==> flow/design.v <==
module gen_muxn (ck, i_rst, i_d_0, i_d_1, i_d_2, i_d_3, i_d_4, i_d_5, i_d_6, i_d_7, i_d_8, i_d_9, i_sel, o_dout);
   parameter DATA_WIDTH = 3;
   input ck;
   input i_rst;
   input [DATA_WIDTH-1:0] i_d_0;
   input [DATA_WIDTH-1:0] i_d_1;
   input [DATA_WIDTH-1:0] i_d_2;
   input [DATA_WIDTH-1:0] i_d_3;
   input [DATA_WIDTH-1:0] i_d_4;
   input [DATA_WIDTH-1:0] i_d_5;
   input [DATA_WIDTH-1:0] i_d_6;
   input [DATA_WIDTH-1:0] i_d_7;
   input [DATA_WIDTH-1:0] i_d_8;
   input [DATA_WIDTH-1:0] i_d_9;
   input [3:0] i_sel;
   output [DATA_WIDTH-1:0] o_dout;
   reg [DATA_WIDTH-1:0] d_0_ff;
   reg [DATA_WIDTH-1:0] d_1_ff;
   reg [DATA_WIDTH-1:0] d_2_ff;
   reg [DATA_WIDTH-1:0] d_3_ff;
   reg [DATA_WIDTH-1:0] d_4_ff;
   reg [DATA_WIDTH-1:0] d_5_ff;
   reg [DATA_WIDTH-1:0] d_6_ff;
   reg [DATA_WIDTH-1:0] d_7_ff;
   reg [DATA_WIDTH-1:0] d_8_ff;
   reg [DATA_WIDTH-1:0] d_9_ff;
   reg [3:0] sel_ff;
   always @(posedge ck) begin
      if (i_rst) begin
         d_0_ff <= 0;
         d_1_ff <= 0;
         d_2_ff <= 0;
         d_3_ff <= 0;
         d_4_ff <= 0;
         d_5_ff <= 0;
         d_6_ff <= 0;
         d_7_ff <= 0;
         d_8_ff <= 0;
         d_9_ff <= 0;
         sel_ff <= 0;
      end else begin
         d_0_ff <= i_d_0;
         d_1_ff <= i_d_1;
         d_2_ff <= i_d_2;
         d_3_ff <= i_d_3;
         d_4_ff <= i_d_4;
         d_5_ff <= i_d_5;
         d_6_ff <= i_d_6;
         d_7_ff <= i_d_7;
         d_8_ff <= i_d_8;
         d_9_ff <= i_d_9;
         sel_ff <= i_sel;
      end
   end
   reg [DATA_WIDTH-1:0] work;
   always @(*) begin
      if (sel_ff == 0) work = d_0_ff;
      else if (sel_ff == 1) work = d_1_ff;
      else if (sel_ff == 2) work = d_2_ff;
      else if (sel_ff == 3) work = d_3_ff;
      else if (sel_ff == 4) work = d_4_ff;
      else if (sel_ff == 5) work = d_5_ff;
      else if (sel_ff == 6) work = d_6_ff;
      else if (sel_ff == 7) work = d_7_ff;
      else if (sel_ff == 8) work = d_8_ff;
      else work = d_9_ff;
   end
   assign o_dout = work;
endmodule
Appendix: tool output

======== Reports on gen_muxn ========
A sweep over "DATA_WIDTH": the same steps for each member of the family.
The file above is the member DATA_WIDTH = 3. Line numbers count from 1 in each member's own file.
Library cell names are shortened.
Not given: --
inputs
  design top .............................. gen_muxn
  clock input ............................. ck
  library ................................. sky130hd
  timing corner ........................... tt_025C_1v80

======== Members of the sweep ========
New or changed lines of each further member against the RTL above, in its own file; lines it lacks are not shown.
lines new or changed
  DATA_WIDTH  line  RTL
  4           2     parameter DATA_WIDTH = 4;
  8           2     parameter DATA_WIDTH = 8;
  16          2     parameter DATA_WIDTH = 16;
  48          2     parameter DATA_WIDTH = 48;
  64          2     parameter DATA_WIDTH = 64;

======== Word level ========
Source: Yosys, flattened and elaborated, memories not mapped. Widths are those after wreduce; folded enables and synchronous resets count as part of the registers. Registers that Yosys merges into a memory's read port (data or address) are not register bits. Print and check cells do not count. Equal cells are merged and count once.
bit counts
  DATA_WIDTH  bits in registers  output and inout bits  cells after elaboration
  3           34                 3                      29
  4           44                 4                      29
  8           84                 8                      29
  16          164                16                     29
  48          484                48                     29
  64          644                64                     29
operators by class
  DATA_WIDTH  eq/ne operators  multiplexer cells  reductions and logical operators
  3           8                9                  1
  4           8                9                  1
  8           8                9                  1
  16          8                9                  1
  48          8                9                  1
  64          8                9                  1
operators with widths
  DATA_WIDTH  kind and count
  3           3-bit 2-to-1 mux: 9; 4-bit by 3-bit == test with 1-bit output with constant B: 4; 4-bit by 2-bit == test with 1-bit output with constant B: 2; 4-bit by 1-bit == test with 1-bit output with constant B: 1; 4-bit == test with constant B: 1; 4-bit zero test: 1
  4           4-bit 2-to-1 mux: 9; 4-bit by 3-bit == test with 1-bit output with constant B: 4; 4-bit by 2-bit == test with 1-bit output with constant B: 2; 4-bit by 1-bit == test with 1-bit output with constant B: 1; 4-bit == test with constant B: 1; 4-bit zero test: 1
  8           8-bit 2-to-1 mux: 9; 4-bit by 3-bit == test with 1-bit output with constant B: 4; 4-bit by 2-bit == test with 1-bit output with constant B: 2; 4-bit by 1-bit == test with 1-bit output with constant B: 1; 4-bit == test with constant B: 1; 4-bit zero test: 1
  16          16-bit 2-to-1 mux: 9; 4-bit by 3-bit == test with 1-bit output with constant B: 4; 4-bit by 2-bit == test with 1-bit output with constant B: 2; 4-bit by 1-bit == test with 1-bit output with constant B: 1; 4-bit == test with constant B: 1; 4-bit zero test: 1
  48          48-bit 2-to-1 mux: 9; 4-bit by 3-bit == test with 1-bit output with constant B: 4; 4-bit by 2-bit == test with 1-bit output with constant B: 2; 4-bit by 1-bit == test with 1-bit output with constant B: 1; 4-bit == test with constant B: 1; 4-bit zero test: 1
  64          64-bit 2-to-1 mux: 9; 4-bit by 3-bit == test with 1-bit output with constant B: 4; 4-bit by 2-bit == test with 1-bit output with constant B: 2; 4-bit by 1-bit == test with 1-bit output with constant B: 1; 4-bit == test with constant B: 1; 4-bit zero test: 1

======== Longest topological paths ========
Longest topological path by Yosys (ltp), each cell counted once; first at word level (registers and memories cut), then after technology mapping (sequential cells cut; the memories' decode and read muxes count).
depth
  DATA_WIDTH  word-level depth  ABC_AREA  mapped depth  mapped depth without buffers
  3           10                0         6             4
  4           10                0         7             5
  8           10                0         7             5
  16          10                0         8             5
  48          10                0         9             5
  64          10                0         9             5

======== Mapped cells and area ========
Yosys stat after the flow's synthesis: flattened, memories mapped to cells. It holds for the ABC_AREA given above (unset counts as 0); a run with the other value may have another netlist.
mapped netlist
  DATA_WIDTH  cells in the netlist  cell area after synthesis (µm²)  sequential part of the area (µm²)  flip-flops  buffer cells
  3           144                   1418.9                           680.7                              34          10
  4           186                   1785.5                           880.8                              44          13
  8           350                   3410.8                           1681.6                             84          25
  16          626                   6237.2                           3283.1                             164         48
  48          1868                  18300.1                          9689.3                             484         157
  64          2534                  24305.8                          12892.4                            644         214
cell types
  DATA_WIDTH  type and count
  3           dfxtp_1: 34; nor2b_1: 38; nand2b_1: 9; mux2i_1: 4; a31oi_1: 6; nor4bb_1: 3; buf_2: 5; o21ai_1: 5; buf_6: 2; mux2_2: 2; o2111ai_1: 2; o22a_1: 2; mux2_4: 1; nand2_1: 4; o21a_1: 2; o21ai_0: 3; o221ai_2: 1; nor3b_2: 1; (+20)
  4           dfxtp_1: 44; nor2b_1: 49; a21oi_1: 18; mux2i_1: 6; buf_6: 3; nor2_1: 9; a22oi_1: 4; clkbuf_1: 7; o311ai_1: 3; o32ai_1: 3; nand2b_1: 4; mux4_2: 1; o21ai_1: 4; and3_1: 3; or2_1: 3; buf_8: 1; nand2_1: 4; nand3_1: 3; (+17)
  8           dfxtp_1: 84; nor2b_1: 92; a22oi_1: 14; mux4_2: 4; a21oi_1: 17; nand2b_1: 11; o21ai_0: 13; mux2i_1: 6; o22ai_1: 9; nand2_1: 14; buf_2: 9; buf_6: 4; clkbuf_1: 11; o21ai_1: 8; nor3_1: 7; mux2_2: 3; a22o_1: 3; nand3_1: 5; (+36)
  16          dfxtp_1: 164; nor2b_1: 173; a21oi_1: 50; mux4_2: 9; mux2i_1: 20; o21ai_0: 37; clkbuf_1: 27; nand2_1: 21; o221a_2: 7; nor2_1: 20; buf_2: 14; a221oi_1: 7; o22ai_1: 9; o21ai_1: 7; a22oi_1: 4; buf_4: 4; nor3_1: 6; o221ai_1: 3; (+44)
  48          dfxtp_1: 484; nor2b_1: 485; a21oi_1: 131; mux2i_1: 60; clkbuf_1: 100; nor2_1: 99; o21ai_0: 74; o22ai_1: 56; mux4_2: 15; nand2_1: 67; a22oi_1: 31; buf_2: 44; o221a_2: 13; a2bb2oi_1: 15; a222oi_1: 13; a221oi_1: 14; nand2b_1: 19; a22o_1: 13; (+135)
  64          dfxtp_1: 644; nor2b_1: 649; a21oi_1: 256; nor2_1: 157; clkbuf_1: 142; o21ai_0: 106; mux2i_1: 45; mux4_2: 18; nand2_1: 82; a22oi_1: 40; a22o_1: 33; mux2_2: 23; buf_2: 50; o22ai_1: 40; o21bai_1: 30; o221a_2: 17; nand2b_1: 27; o32ai_1: 19; (+156)
A list marked (+n) leaves out that many cells.

======== Path before layout ========
OpenSTA on the mapped netlist: ideal clock, no wires. The path of least setup slack (recovery checks aside). Input and output delay are each 20% of the period. Register names are those of the netlist, which keeps one name where synthesis merged equal registers.
timing after synthesis
  DATA_WIDTH  kind           from           to              clock period (ps)  slack (ps)  stages on the path  path delay (ps)  synthesis period reached (ps)
  3           reg-to-output  reg sel_ff[0]  out o_dout[1]   1930               310         6                   1234             1620
  4           reg-to-output  reg sel_ff[2]  out o_dout[1]   2150               341         7                   1379             1809
  8           reg-to-output  reg sel_ff[0]  out o_dout[6]   2200               349         8                   1411             1851
  16          reg-to-output  reg sel_ff[0]  out o_dout[1]   2350               374         7                   1506             1976
  48          reg-to-output  reg sel_ff[0]  out o_dout[18]  2650               426         7                   1694             2224
  64          reg-to-output  reg sel_ff[1]  out o_dout[0]   2550               406         9                   1634             2144
"path delay" is the arrival time less input delay plus setup time.
A path that ends at an output port has no setup time.
"stages on the path" counts driving pins, that of a launching flip-flop among them; a cell with two outputs on the path counts twice.
"synthesis period reached" = period - worst setup slack (recovery checks aside). The figure is calculated, with input and output delays left at 20% of the set period.
The rows between start and end are the longest chain of elaborated cells between them; the timing report does not say that the signal goes this way. Where chains are equally long, one stands for them.
Each line given opens the expression or statement behind the cell; cells for indexed reads and writes are added by Yosys, which also makes memories of some case tables.
on the way, after synthesis, DATA_WIDTH = 3
  length of the longest elaborated chain .. 10
ends and longest elaborated chain, after synthesis, DATA_WIDTH = 3
  item              line  RTL
  start, declared   27    reg [3:0] sel_ff;
  start, assigned   40    sel_ff <= 0;
  start, assigned   52    sel_ff <= i_sel;
  4-bit == test     65    else if (sel_ff == 8) work = d_8_ff;
  3-bit 2-to-1 mux  65
  3-bit 2-to-1 mux  64    else if (sel_ff == 7) work = d_7_ff;
  3-bit 2-to-1 mux  63    else if (sel_ff == 6) work = d_6_ff;
  3-bit 2-to-1 mux  62    else if (sel_ff == 5) work = d_5_ff;
  3-bit 2-to-1 mux  61    else if (sel_ff == 4) work = d_4_ff;
  3-bit 2-to-1 mux  60    else if (sel_ff == 3) work = d_3_ff;
  3-bit 2-to-1 mux  59    else if (sel_ff == 2) work = d_2_ff;
  3-bit 2-to-1 mux  58    else if (sel_ff == 1) work = d_1_ff;
  3-bit 2-to-1 mux  57    if (sel_ff == 0) work = d_0_ff;
  end, declared     16    output [DATA_WIDTH-1:0] o_dout;
on the way, after synthesis, DATA_WIDTH = 64
  length of the longest elaborated chain .. 10
ends and longest elaborated chain, after synthesis, DATA_WIDTH = 64
  item               line  RTL
  start, declared    27    reg [3:0] sel_ff;
  start, assigned    40    sel_ff <= 0;
  start, assigned    52    sel_ff <= i_sel;
  4-bit == test      65    else if (sel_ff == 8) work = d_8_ff;
  64-bit 2-to-1 mux  65
  64-bit 2-to-1 mux  64    else if (sel_ff == 7) work = d_7_ff;
  64-bit 2-to-1 mux  63    else if (sel_ff == 6) work = d_6_ff;
  64-bit 2-to-1 mux  62    else if (sel_ff == 5) work = d_5_ff;
  64-bit 2-to-1 mux  61    else if (sel_ff == 4) work = d_4_ff;
  64-bit 2-to-1 mux  60    else if (sel_ff == 3) work = d_3_ff;
  64-bit 2-to-1 mux  59    else if (sel_ff == 2) work = d_2_ff;
  64-bit 2-to-1 mux  58    else if (sel_ff == 1) work = d_1_ff;
  64-bit 2-to-1 mux  57    if (sel_ff == 0) work = d_0_ff;
  end, declared      16    output [DATA_WIDTH-1:0] o_dout;

======== Timing after layout ========
From the final timing report of the run of each member: the path of least setup slack in the routed layout; clock arrival at registers is part of the times.
The report prints the path's times to 10 ps; the period is as set.
timing after layout
  DATA_WIDTH  kind           from           to              clock period (ps)  slack (ps)  stages on the path  data arrival time (ps)  path buffers
  3           reg-to-output  reg sel_ff[0]  out o_dout[1]   1930               -150        7                   1700                    2
  4           reg-to-output  reg sel_ff[2]  out o_dout[3]   2150               -110        8                   1830                    2
  8           reg-to-output  reg sel_ff[1]  out o_dout[4]   2200               -170        8                   1930                    2
  16          reg-to-output  reg sel_ff[0]  out o_dout[9]   2350               -330        8                   2210                    3
  48          reg-to-output  reg sel_ff[0]  out o_dout[40]  2650               -650        8                   2770                    2
  64          reg-to-output  reg sel_ff[0]  out o_dout[1]   2550               -680        10                  2720                    4

======== Measured runs ========
Settings and results of one run of the flow (Yosys, OpenROAD) for each member follow. The constraints put input and output delay at 20% of the set period each and load the outputs with 0.01 pF.
flow settings
  CAP_MARGIN .............................. 20
  CORE_MARGIN ............................. 2
  CORE_UTILIZATION ........................ 40
  SLEW_MARGIN ............................. 20
settings by member
  DATA_WIDTH  period_ns
  3           1.93
  4           2.15
  8           2.2
  16          2.35
  48          2.65
  64          2.55
final reports
  DATA_WIDTH  netlist area reported by Yosys (µm²)  die outline area (µm²)  standard-cell area after layout (µm²)  utilization of the finished layout (%)  worst setup slack after layout (ps)  total negative slack (ps)  worst hold slack after layout (ps)  power consumption (mW)  clock period achieved (ps)
  3           1418.9                                4039.2                  2013.2                                 59.9                                    -154                                 -461                       604                                 1.362                   2084
  4           1785.5                                5014.1                  2620.0                                 60.6                                    -109                                 -325                       688                                 1.827                   2259
  8           3410.8                                9281.4                  5092.4                                 61.7                                    -171                                 -929                       553                                 3.534                   2371
  16          6237.2                                16607.5                 9845.7                                 64.8                                    -327                                 -3062                      509                                 7.008                   2677
  48          18300.1                               47476.1                 28322.2                                62.5                                    -646                                 -19826                     405                                 18.511                  3296
  64          24305.8                               62752.8                 38154.1                                63.3                                    -684                                 -35775                     270                                 25.544                  3234
"clock period achieved" means the clock period less the worst setup slack. The figure is calculated, with input and output delays left at 20% of the set period.
"power consumption" is the tool's figure for a default switching activity; nothing was simulated.
